==> flow/design.v <==
module sync_ram_block_stage #(
  parameter int ENTRIES = 8,
  parameter int XLEN = 2,
  parameter int AW = $clog2(ENTRIES)
) (
  input  logic i_clk,
  input  logic rst_i,
  input  logic write_i,
  input  logic [AW-1:0] wa_i,
  input  logic [XLEN-1:0] write_data_i,
  input  logic [AW-1:0] raddr_a_i,
  input  logic [AW-1:0] raddr_b_i,
  output logic [XLEN-1:0] rd_data_a_o,
  output logic [XLEN-1:0] rd_data_b_o
);
  logic write_s;
  logic [AW-1:0] wa_s;
  logic [XLEN-1:0] write_data_s;
  always_ff @(posedge i_clk or posedge rst_i) begin
    if (rst_i) begin
      write_s <= 1'b0;
      wa_s <= 0;
      write_data_s <= 0;
    end else begin
      write_s <= write_i;
      wa_s <= wa_i;
      write_data_s <= write_data_i;
    end
  end
  logic [XLEN-1:0] array [0:ENTRIES-1];
  always_ff @(posedge i_clk) begin
    if (write_s)
      array[wa_s] <= write_data_s;
  end
  logic [AW-1:0] raddr_a_s;
  logic [AW-1:0] raddr_b_s;
  logic [XLEN-1:0] rd_data_a_s;
  always_ff @(posedge i_clk or posedge rst_i) begin
    if (rst_i) begin
      raddr_a_s <= 0;
      raddr_b_s <= 0;
      rd_data_a_s <= 0;
    end else begin
      raddr_a_s <= raddr_a_i;
      raddr_b_s <= raddr_b_i;
      rd_data_a_s <= array[raddr_a_s];
    end
  end
  assign rd_data_a_o = rd_data_a_s;
  logic [XLEN-1:0] rd_data_b_s;
  always_ff @(posedge i_clk or posedge rst_i) begin
    if (rst_i) begin
      rd_data_b_s <= 0;
    end else begin
      rd_data_b_s <= array[raddr_b_s];
    end
  end
  assign rd_data_b_o = rd_data_b_s;
endmodule
* Reports on sync_ram_block_stage
Tool output for the design above, in the order of the flow. Lines are those of the file above, counted from 1. Operators carry their Yosys type and port widths (W data, S select, Z words). Cell names lack the library's common part. Not given: -
Inputs: design top sync_ram_block_stage, clock port i_clk, standard-cell library sky130hd, corner tt_025C_1v80

* Word-level counts
Source: Yosys, flattened and elaborated, memories not mapped. Widths are those after wreduce; folded enables and synchronous resets count as part of the registers. Registers that Yosys merges into a memory's read port (data or address) are not register bits. Print and check cells do not count. Equal cells are merged and count once. Yosys's memory passes give these memory sizes; they may raise the number of words (mostly to a power of two), join words into wider ones and drop unused or constant bits.
Word-level totals: flip-flop bits (word level) 12, RAM bits 16, word width x clocked read ports 4, memory cells 1
Cells by class: mux-type cells 3
Memories:
- array | words 8, width 2, rd ports 2, write ports 1, RTL line 30 | logic [XLEN-1:0] array [0:ENTRIES-1];
Operator list (number):
- $mux W3 | 1
- $mux W2 | 1
- $mux W1 | 1

* Logic depth
Yosys ltp: most cells in a row. Word level: on the elaborated netlist, between registers, memories and ports. Mapped: between sequential cells and ports; inverters and the memories' decode and read muxes count.
Logic depth: depth after elaboration 1, ABC_AREA 0, mapped depth 2, mapped depth without buffers 2

* Mapped cells and area
Source: synth_stat.txt of the flow (Yosys; design flattened, memories mapped). It holds for the ABC_AREA given above (unset counts as 0); a run with the other value may have another netlist. Totals and module areas in this step are rounded.
Synthesis totals: cells in the netlist 58, chip area (Yosys) 1200 µm², flip-flop cells 32, buffer cells 0
Cell types:
- edfxtp_1 | number 16, area in all 480.461 µm²
- dfrtp_1 | number 16, area in all 400.384 µm²
- mux4_1 | number 8, area in all 210.202 µm²
- mux2_2 | number 4, area in all 45.043 µm²
- nor2_1 | number 6, area in all 22.522 µm²
- nand2b_1 | number 3, area in all 18.768 µm²
- nor3_1 | number 2, area in all 10.01 µm²
- nand2_1 | number 2, area in all 7.507 µm²
- inv_1 | number 1, area in all 3.754 µm²

* Timing after synthesis
OpenSTA on the mapped netlist: ideal clock, no wires. The path of least setup slack (recovery checks aside). Input and output delay are each 20% of the period. Register names are those of the netlist, which keeps one name where synthesis merged equal registers.
Timing post-synthesis: path kind flip-flop to flip-flop, start register raddr_a_s[0], end register rd_data_a_s[0], clock period 1.65 ns, time at the first pin 0.000 ns, data arrival time 1.196 ns, slack 0.330 ns, path delay 1.321 ns, stages 3, synthesis period reached 1.32 ns
"path delay" = arrival - input delay + setup time. "stages": output pins that drive a net of the path, with the launching flip-flop's if there is one; two outputs of one cell count as two. "synthesis period reached" = period - worst setup slack (recovery checks aside). The figure is calculated, with input and output delays left at 20% of the set period.
On the way, post-synthesis: cell sequence dfrtp_1 mux4_1 mux2_2
RTL lines, path post-synthesis:
- from (decl) | RTL line 35 | logic [AW-1:0] raddr_a_s;
- from (assign) | RTL line 40 | raddr_a_s <= 0;
- from (assign) | RTL line 44 | raddr_a_s <= raddr_a_i;
- to (decl) | RTL line 37 | logic [XLEN-1:0] rd_data_a_s;
No chain of elaborated cells between the ends is given.

* Path in the finished layout
Path of least setup slack in the final report of record 1 (OpenROAD, finished layout, wires in). Where an end is a register, its clock arrival counts in the times.
Timing after layout: path kind flip-flop to output port, start register rd_data_b_s[0], end output rd_data_b_o[0], clock period 1.65 ns, external output delay 0.33 ns, time at the first pin 0.33 ns, data arrival time 1.19 ns, slack 0.13 ns, stages 2
On the way, after layout: cell sequence dfrtp_1 clkdlybuf4s50_1, cells in the longest elaborated chain 0, elaborated cells between the ends (all ways) 0
RTL lines, path after layout:
- from (decl) | RTL line 50 | logic [XLEN-1:0] rd_data_b_s;
- to (decl) | RTL line 14 | output logic [XLEN-1:0] rd_data_b_o

FLOW RESULTS
============

Flow measurements of sync_ram_block_stage on sky130hd: 3 stored runs with different settings, listed in no order. Input and output delays are each 20% of the period that was set; the output load is 0.01 pF.
The measured numbers are rounded.
[record 1] settings: period_ns=1.65, CAP_MARGIN=20, CORE_MARGIN=2, CORE_UTILIZATION=40, SLEW_MARGIN=20
[record 1] result: chip area after synthesis (Yosys) 1200 µm², die area 3500 µm², standard-cell area of the final layout 1500 µm², worst setup slack after layout 0.13 ns, total negative slack 0.000 ns
[record 2] settings: period_ns=2.31, CORE_UTILIZATION=24, SETUP_SLACK_MARGIN=-0.09, CORE_ASPECT_RATIO=1.99, TNS_END_PERCENT=30, SLEW_MARGIN=30, MIN_ROUTING_LAYER=met2, CAP_MARGIN=20, CORE_MARGIN=2
[record 2] result: chip area after synthesis (Yosys) 1200 µm², die area 5600 µm², standard-cell area of the final layout 1600 µm², worst setup slack after layout 0.70 ns, total negative slack 0.000 ns
[record 3] settings: period_ns=1.95, CORE_UTILIZATION=44, PLACE_DENSITY_LB_ADDON=0.26, TNS_END_PERCENT=25, ABC_AREA=0, CTS_CLUSTER_SIZE=12, CAP_MARGIN=40, SLEW_MARGIN=35, MIN_ROUTING_LAYER=met1, MAX_ROUTING_LAYER=met4, CORE_MARGIN=2
[record 3] result: chip area after synthesis (Yosys) 1200 µm², die area 3200 µm², standard-cell area of the final layout 1500 µm², worst setup slack after layout 0.36 ns, total negative slack 0.000 ns
